==> flow/design.v <==
module gen_data_mux_v2 #(
   parameter WIDTH = 1,
   parameter N_IN = 24,
   parameter SBITS = $clog2(N_IN)
) (
   input  i_clk,
   input  resetn,
   input  [N_IN*WIDTH-1:0] ch,
   input  [SBITS-1:0] sel,
   output [WIDTH-1:0] y
);
   reg [N_IN*WIDTH-1:0] ch_q;
   reg [SBITS-1:0] sel_q;
   always @(posedge i_clk or negedge resetn) begin
      if (~resetn) begin
         ch_q <= 0;
         sel_q <= 0;
      end else begin
         ch_q <= ch;
         sel_q <= sel;
      end
   end
   reg [WIDTH-1:0] nxt;
   integer i;
   always @* begin
      nxt = 0;
      for (i = 0; i < N_IN; i = i + 1)
         if (sel_q == i) nxt = ch_q[i*WIDTH +: WIDTH];
   end
   assign y = nxt;
endmodule
Reports on gen_data_mux_v2:

Tool output for the design above, in the order of the flow.
Lines are those of the file above, counted from 1.
Operators: Yosys type, input widths -> output width; for muxes data width and select width s.
Cell names lack the library's common part.
A cell with n/a has no value.

* top module: gen_data_mux_v2
* clock input: i_clk
* cell library: sky130hd
* corner: tt_025C_1v80

Word level:

Counts by Yosys on the flattened word-level netlist (proc, flatten, opt, wreduce; memories kept). Register bits leave out memories and registers merged into their read ports (data or address); mux counts leave out enables and synchronous resets folded into registers. Print and check cells are left out. Cells with the same type and inputs are merged into one.

* register bits after elaboration: 29
* latch bits: 0
* RAM bits: 0
* bits in read-only memories: 0
* clocked read ports x word width: 0
* memory cells: 0
* input bits: 31
* elaborated cells: 50

* add/subtract/negate cells: 0
* $mul: 0
* divide/modulo/power cells: 0
* order comparisons: 0
* equality and inequality tests: 23
* shift operators: 0
* multiplexer cells: 24
* bitwise gates (word level): 0
* reduce/logical cells: 1

Operator list (number)
* $eq 5x4->1 const B: 8
* $eq 5x5->1 const B: 8
* $mux 1: 24
* $eq 5x3->1 const B: 4
* $eq 5x2->1 const B: 2
* $eq 5x1->1 const B: 1
* $logic_not 5->1: 1

Longest topological paths:

Yosys ltp: most cells in a row. Word level: on the elaborated netlist, between registers, memories and ports. Mapped: between sequential cells and ports; inverters and the memories' decode and read muxes count.

* word-level depth: 25
* ABC_AREA: 0
* mapped depth: 7

Synthesis result:

Yosys stat after the flow's synthesis: flattened, memories mapped to cells. It holds for the ABC_AREA given above (unset counts as 0); a run with the other value may have another netlist.
The area totals of this step are shown rounded.

* mapped cells: 81
* mapped area: 1070 µm²
* sequential area: 726 µm²
* flip-flops: 29
* buffer cells: 4

Cells by type
* dfrtp_1: number 29, area in all 725.696 µm²
* mux2i_1: number 6, area in all 60.058 µm²
* a21oi_1: number 5, area in all 25.024 µm²
* a31oi_1: number 4, area in all 25.024 µm²
* mux4_2: number 1, area in all 22.522 µm²
* o21ai_0: number 4, area in all 20.019 µm²
* nor2_1: number 5, area in all 18.768 µm²
* nor2b_1: number 3, area in all 18.768 µm²
* buf_2: number 3, area in all 15.014 µm²
* nand2_1: number 4, area in all 15.014 µm²
* and4bb_2: number 1, area in all 12.512 µm²
* buf_6: number 1, area in all 11.261 µm²
* nand3_1: number 2, area in all 10.01 µm²
* nor3_1: number 2, area in all 10.01 µm²
* o311a_1: number 1, area in all 10.01 µm²
* a31o_2: number 1, area in all 8.758 µm²
* nand4b_1: number 1, area in all 8.758 µm²
* o2111ai_1: number 1, area in all 8.758 µm²

Not listed: further types 7, cells in them 7.

Timing after synthesis:

Path of least setup slack by OpenSTA after synthesis, without wires, with an ideal clock, recovery checks aside; 20% of the period is set as input and as output delay. Where synthesis merged equal registers, the netlist keeps one of their names.

* path type: reg2out
* start: register sel_q[1]
* end: output y[0]
* clock period: 2.1 ns
* output delay: 0.420 ns
* launch time at the first pin: 0.000 ns
* arrival: 1.341 ns
* setup slack: 0.339 ns
* delay of the path: 1.341 ns
* stages: 7
* period reached after synthesis: 1.761 ns

"delay of the path" = arrival - input delay + setup time.
A path that ends at an output port has no setup time.
"stages" counts driving pins, that of a launching flip-flop among them; a cell with two outputs on the path counts twice.
"period reached after synthesis" is the clock period less the worst setup slack; recovery checks do not enter. This is arithmetic on one report: input and output delays are still those of the set period (20% each).
The rows between start and end are the longest chain of elaborated cells between them; the timing report does not say that the signal goes this way. Where chains are equally long, one stands for them.
Each line given opens the expression or statement behind the cell; cells for indexed reads and writes are added by Yosys, which also makes memories of some case tables.

* cell sequence: dfrtp_1 > buf_6 > or3b_1 > a21oi_1 > o21ai_1 > o311a_1 > o21ai_2
* length of the longest elaborated chain: 25
* elaborated cells on any way between the ends: 48
* source lines of those cells: 1
* those cells by class: 23 x eq/ne; 24 x mux; 1 x reduce/logical

RTL lines, path post-synthesis
* from (decl): line 13 `reg [SBITS-1:0] sel_q;`
* from (assign): line 17 `sel_q <= 0;`
* from (assign): line 20 `sel_q <= sel;`
* $logic_not 5->1: line 28 `if (sel_q == i) nxt = ch_q[i*WIDTH +: WIDTH];`
* $mux 1 x24: line 28
* to (decl): line 10 `output [WIDTH-1:0] y`

Worst path after layout:

Path of least setup slack in the final report of job 1 (OpenROAD, finished layout, wires in). Where an end is a register, its clock arrival counts in the times.

* path type: reg2out
* start: register sel_q[1]
* end: output y[0]
* clock period: 2.1 ns
* output delay: 0.42 ns
* launch time at the first pin: 0.31 ns
* arrival: 1.78 ns
* setup slack: -0.10 ns
* stages: 7

The rows between start and end are the longest chain of elaborated cells between them; the timing report does not say that the signal goes this way. Where chains are equally long, one stands for them.

* cell sequence: dfrtp_2 > and4bb_2 > a31o_2 > a21oi_1 > o311a_1 > o21ai_2 > buf_2
* length of the longest elaborated chain: 25
* elaborated cells on any way between the ends: 48
* source lines of those cells: 1
* those cells by class: 23 x eq/ne; 24 x mux; 1 x reduce/logical

RTL lines, path after layout
* from (decl): line 13 `reg [SBITS-1:0] sel_q;`
* from (assign): line 17 `sel_q <= 0;`
* from (assign): line 20 `sel_q <= sel;`
* $logic_not 5->1: line 28 `if (sel_q == i) nxt = ch_q[i*WIDTH +: WIDTH];`
* $mux 1 x24: line 28
* to (decl): line 10 `output [WIDTH-1:0] y`

Module gen_data_mux_v2, platform sky130hd: 3 stored runs of the flow (Yosys, OpenROAD) with differing settings, in no particular order. Input and output delays are each 20% of the period that was set; the output load is 0.01 pF.
"period achieved": clock period set for the run, less the worst setup slack. It is reckoned from that one timing run; input and output delays stay at 20% of the period that was set.
"allowed time less slack (worst setup path)": the worst setup path's part of the clock period (all of it between registers, 20% less for each end at a port) less its slack. A launch clock that arrives late makes it longer, a capture clock that arrives late makes it shorter.
"power consumption": no workload was simulated; the value follows from the tool's default switching activity.
Results are given in rounded form.

### Job 1

Settings: `period_ns=2.1`, `CAP_MARGIN=20`, `CORE_MARGIN=2`, `CORE_UTILIZATION=40`, `SLEW_MARGIN=20`

- Period achieved: 2.205 ns
- Post-layout utilization: 0.606
- Die outline area: 3120 µm²
- Summed negative setup slack: -0.105 ns
- Lowest setup slack: -0.105 ns
- Power consumption: 1.04 mW
- Post-synthesis cell area: 1070 µm²
- Standard-cell area after layout: 1530 µm²
- Allowed time less slack (worst setup path): 1.78 ns
- Class of the worst setup path: reg2out

### Job 2

Settings: `period_ns=1.55`, `CORE_UTILIZATION=21`, `SETUP_SLACK_MARGIN=0.07`, `PLACE_DENSITY=0.87`, `CELL_PAD_IN_SITES_DETAIL_PLACEMENT=2`, `ABC_AREA=1`, `CTS_CLUSTER_SIZE=50`, `SLEW_MARGIN=40`, `MIN_ROUTING_LAYER=met1`, `CAP_MARGIN=20`, `CORE_MARGIN=2`

- Period achieved: 2.664 ns
- Post-synthesis cell area: 1140 µm²
- Power consumption: 1.62 mW
- Standard-cell area after layout: 1810 µm²
- Die outline area: 6020 µm²
- Lowest setup slack: -1.11 ns
- Allowed time less slack (worst setup path): 2.35 ns
- Class of the worst setup path: reg2out
- Summed negative setup slack: -1.11 ns
- Post-layout utilization: 0.35

### Job 3

Settings: `period_ns=1.25`, `CORE_UTILIZATION=53`, `SETUP_SLACK_MARGIN=-0.07`, `PLACE_DENSITY_LB_ADDON=0.15`, `CORE_ASPECT_RATIO=0.55`, `CELL_PAD_IN_SITES_DETAIL_PLACEMENT=2`, `TNS_END_PERCENT=25`, `CAP_MARGIN=20`, `CORE_MARGIN=2`, `SLEW_MARGIN=20`

Did not finish, placement stopped with DPL-0033.
